==> flow/design.v <==
module alu_alu_arith_n #(
   parameter int DATA_WIDTH = 24
) (
   input  logic i_clk,
   input  logic [DATA_WIDTH-1:0] in_in0,
   input  logic [DATA_WIDTH-1:0] in_in1,
   input  logic in_dir,
   output logic [DATA_WIDTH-1:0] out_res
);
   logic [DATA_WIDTH-1:0] in0_r;
   logic [DATA_WIDTH-1:0] in1_r;
   logic dir_r;
   always_ff @(posedge i_clk) begin
      in0_r <= in_in0;
      in1_r <= in_in1;
      dir_r <= in_dir;
   end
   logic [DATA_WIDTH-1:0] nxt;
   always_comb begin
      if (dir_r)
         nxt = in0_r - in1_r;
      else
         nxt = in0_r + in1_r;
   end
   assign out_res = nxt;
endmodule
## Step by step through the tools: alu_alu_arith_n

What the tools print for alu_alu_arith_n, step after step.
Line numbers count from 1 in the design file above.
Operators carry their Yosys type and port widths (W data, S select, Z words).
A cell with n/a has no value.

| design | value |
|---|---|
| design top | alu_alu_arith_n |
| clock input | i_clk |
| standard-cell library | sky130hd |
| library corner | tt_025C_1v80 |

## Word-level counts

Source: Yosys, flattened and elaborated, memories not mapped. Widths are those after wreduce; folded enables and synchronous resets count as part of the registers. Registers that Yosys merges into a memory's read port (data or address) are not register bits. Print and check cells do not count. Equal cells are merged and count once.

| word-level totals | value |
|---|---|
| output and inout bits | 24 |
| register bits | 49 |

| cells by class | value |
|---|---|
| add/subtract/negate cells | 2 |
| mux-type cells | 1 |

Operators by type and width:

| operator | count |
|---|---|
| $add A24 B24 Y24 | 1 |
| $sub A24 B24 Y24 | 1 |
| $mux W24 | 1 |

## Longest topological paths

Depth = most cells in a row (Yosys ltp): at word level without a register or memory, in the mapped netlist without a sequential cell, where the memories' decode and read muxes count.

| depth | value |
|---|---|
| depth after elaboration | 2 |
| ABC_AREA | 0 |
| mapped depth | 15 |

## Synthesis result

Source: synth_stat.txt of the flow (Yosys; design flattened, memories mapped). It holds for the ABC_AREA given above (unset counts as 0); a run with the other value may have another netlist.

| synthesis totals | value |
|---|---|
| area of sequential cells | 0.0009809 mm^2 |
| cell count | 310 |
| cell area after synthesis | 0.0027852 mm^2 |
| flip-flop cells | 49 |
| buffer cells | 6 |

Cells by type:

| cell type | count | total area (um^2) |
|---|---|---|
| sky130_fd_sc_hd__dfxtp_1 | 49 | 980.941 |
| sky130_fd_sc_hd__ha_1 | 25 | 312.8 |
| sky130_fd_sc_hd__xnor2_1 | 31 | 271.51 |
| sky130_fd_sc_hd__a21oi_1 | 25 | 125.12 |
| sky130_fd_sc_hd__nor2_1 | 30 | 112.608 |
| sky130_fd_sc_hd__a21o_1 | 11 | 82.579 |
| sky130_fd_sc_hd__o21a_1 | 8 | 60.058 |
| sky130_fd_sc_hd__o21ai_0 | 11 | 55.053 |
| sky130_fd_sc_hd__inv_1 | 14 | 52.55 |
| sky130_fd_sc_hd__xor2_1 | 6 | 52.55 |
| sky130_fd_sc_hd__nor3_1 | 10 | 50.048 |
| sky130_fd_sc_hd__a31oi_1 | 6 | 37.536 |
| sky130_fd_sc_hd__o21ai_1 | 7 | 35.034 |
| sky130_fd_sc_hd__nand2_1 | 9 | 33.782 |
| sky130_fd_sc_hd__nand4_1 | 5 | 31.28 |
| sky130_fd_sc_hd__nor4_1 | 5 | 31.28 |
| sky130_fd_sc_hd__a211oi_1 | 4 | 30.029 |
| sky130_fd_sc_hd__a21boi_0 | 4 | 30.029 |

Other cell types: 28; their cells: 50.

## Worst setup path after synthesis

Source: OpenSTA report_checks on the synthesized netlist (no wires, ideal clock, input and output delay 20% of the period each), path of least setup slack; recovery checks are left aside. Register names are those of the netlist, which keeps one name where synthesis merged equal registers.

| timing after synthesis | value |
|---|---|
| path kind | reg2out |
| from | register in1_r[9] |
| to | output port out_res[19] |
| path buffers | 0 |
| stages on the path | 13 |
| data arrival time | 2.841 ns |
| period | 4.44 ns |
| path delay | 2.841 ns |
| setup slack | 0.711 ns |
| required time | 3.552 ns |
| synthesis period reached | 3.729 ns |

"path delay" = arrival - input delay + setup time.
At an output port there is no setup time.
"stages on the path": output pins that drive a net of the path, with the launching flip-flop's if there is one; two outputs of one cell count as two.
"synthesis period reached" is the clock period less the worst setup slack; recovery checks do not enter. This is arithmetic on one report: input and output delays are still those of the set period (20% each).
The rows between start and end are the longest chain of elaborated cells between them; the timing report does not say that the signal goes this way. Where chains are equally long, one stands for them.
Each line given opens the expression or statement behind the cell; cells for indexed reads and writes are added by Yosys, which also makes memories of some case tables.

| on the way, after synthesis | value |
|---|---|
| path through | sky130_fd_sc_hd__dfxtp_1 -> sky130_fd_sc_hd__nor4_1 -> sky130_fd_sc_hd__nor3b_1 -> sky130_fd_sc_hd__a21o_1 -> sky130_fd_sc_hd__o21ai_1 -> sky130_fd_sc_hd__xnor2_1 -> sky130_fd_sc_hd__ha_1 -> sky130_fd_sc_hd__a21o_1 -> sky130_fd_sc_hd__a21o_1 -> sky130_fd_sc_hd__nor4_1 -> sky130_fd_sc_hd__o21ai_1 -> sky130_fd_sc_hd__a31oi_1 -> sky130_fd_sc_hd__xnor2_1 |
| length of the longest elaborated chain | 2 |

Ends and longest elaborated chain, after synthesis:

| what | RTL line | source |
|---|---|---|
| start, declared | 11 | `logic [DATA_WIDTH-1:0] in1_r;` |
| start, assigned | 15 | `in1_r <= in_in1;` |
| $add A24 B24 Y24 | 23 | `nxt = in0_r + in1_r;` |
| $mux W24 | 20 | `if (dir_r)` |
| end, declared | 8 | `output logic [DATA_WIDTH-1:0] out_res` |

## Timing after layout

From the final timing report of record 2: the path of least setup slack in the routed layout; clock arrival at registers is part of the times.

| timing post-layout | value |
|---|---|
| path kind | reg2out |
| from | register in1_r[3] |
| to | output port out_res[16] |
| data arrival time | 3.42 ns |
| required time | 3.55 ns |
| path buffers | 1 |
| stages on the path | 13 |
| period | 4.44 ns |
| setup slack | 0.13 ns |

The rows between start and end are the longest chain of elaborated cells between them; the timing report does not say that the signal goes this way. Where chains are equally long, one stands for them.

| on the way, post-layout | value |
|---|---|
| path through | sky130_fd_sc_hd__dfxtp_2 -> sky130_fd_sc_hd__nor4_4 -> sky130_fd_sc_hd__and2_4 -> sky130_fd_sc_hd__nor2_1 -> sky130_fd_sc_hd__xnor2_2 -> sky130_fd_sc_hd__ha_1 -> sky130_fd_sc_hd__a211oi_2 -> sky130_fd_sc_hd__o21ai_1 -> sky130_fd_sc_hd__nand2_1 -> sky130_fd_sc_hd__o22ai_1 -> sky130_fd_sc_hd__o41ai_1 -> sky130_fd_sc_hd__xnor2_1 -> sky130_fd_sc_hd__clkdlybuf4s50_1 |
| length of the longest elaborated chain | 2 |

Ends and longest elaborated chain, post-layout:

| what | RTL line | source |
|---|---|---|
| start, declared | 11 | `logic [DATA_WIDTH-1:0] in1_r;` |
| start, assigned | 15 | `in1_r <= in_in1;` |
| $add A24 B24 Y24 | 23 | `nxt = in0_r + in1_r;` |
| $mux W24 | 20 | `if (dir_r)` |
| end, declared | 8 | `output logic [DATA_WIDTH-1:0] out_res` |

## Implementation results

Below are 3 stored runs of the flow (Yosys, OpenROAD; platform sky130hd) on alu_alu_arith_n, each with its settings and what was measured, unordered. Constraints: input delay and output delay 20% of the set period each, output load 0.01 pF.
By "reached clock period" is meant the clock period of the run minus its worst setup slack. This is arithmetic on one report: input and output delays are still those of the set period (20% each).
"overall power" is the tool's figure for a default switching activity; nothing was simulated.
Settings: n/a = not set for that run.
A result given as n/a is not shown for that run.

| run | period_ns | CORE_UTILIZATION | PLACE_DENSITY | HOLD_SLACK_MARGIN | CELL_PAD_IN_SITES_DETAIL_PLACEMENT | GPL_ROUTABILITY_DRIVEN | CTS_CLUSTER_SIZE | MAX_ROUTING_LAYER | CAP_MARGIN | CORE_MARGIN | SLEW_MARGIN | PLACE_DENSITY_LB_ADDON | MIN_ROUTING_LAYER | worst hold slack in the final report (ns) | sum of negative setup slack (ns) | chip area in the Yosys report (mm^2) | overall power (mW) | reached clock period (ns) | standard-cell area of the final layout (mm^2) | worst setup slack after layout (ns) | die outline area (mm^2) |
|---|---|---|---|---|---|---|---|---|---|---|---|---|---|---|---|---|---|---|---|---|---|
| record 1 | 2.38 | 58 | 0.9 | -0.06 | 2 | 0 | 59 | met5 | 20 | 2 | 20 | n/a | n/a | n/a | n/a | n/a | n/a | n/a | n/a | n/a | n/a |
| record 2 | 4.44 | 40 | n/a | n/a | n/a | n/a | n/a | n/a | 20 | 2 | 20 | n/a | n/a | 1.015 | 0.000 | 0.0027852 | 1.357 | 4.307 | 0.0040239 | 0.133 | 0.0076466 |
| record 3 | 2.64 | 56 | n/a | n/a | n/a | n/a | n/a | n/a | 15 | 2 | 20 | 0.28 | met1 | n/a | n/a | n/a | n/a | n/a | n/a | n/a | n/a |

Record 1: not finished: placement ended with a tool error
Record 3: not finished: clock tree synthesis ended with error DPL-0038
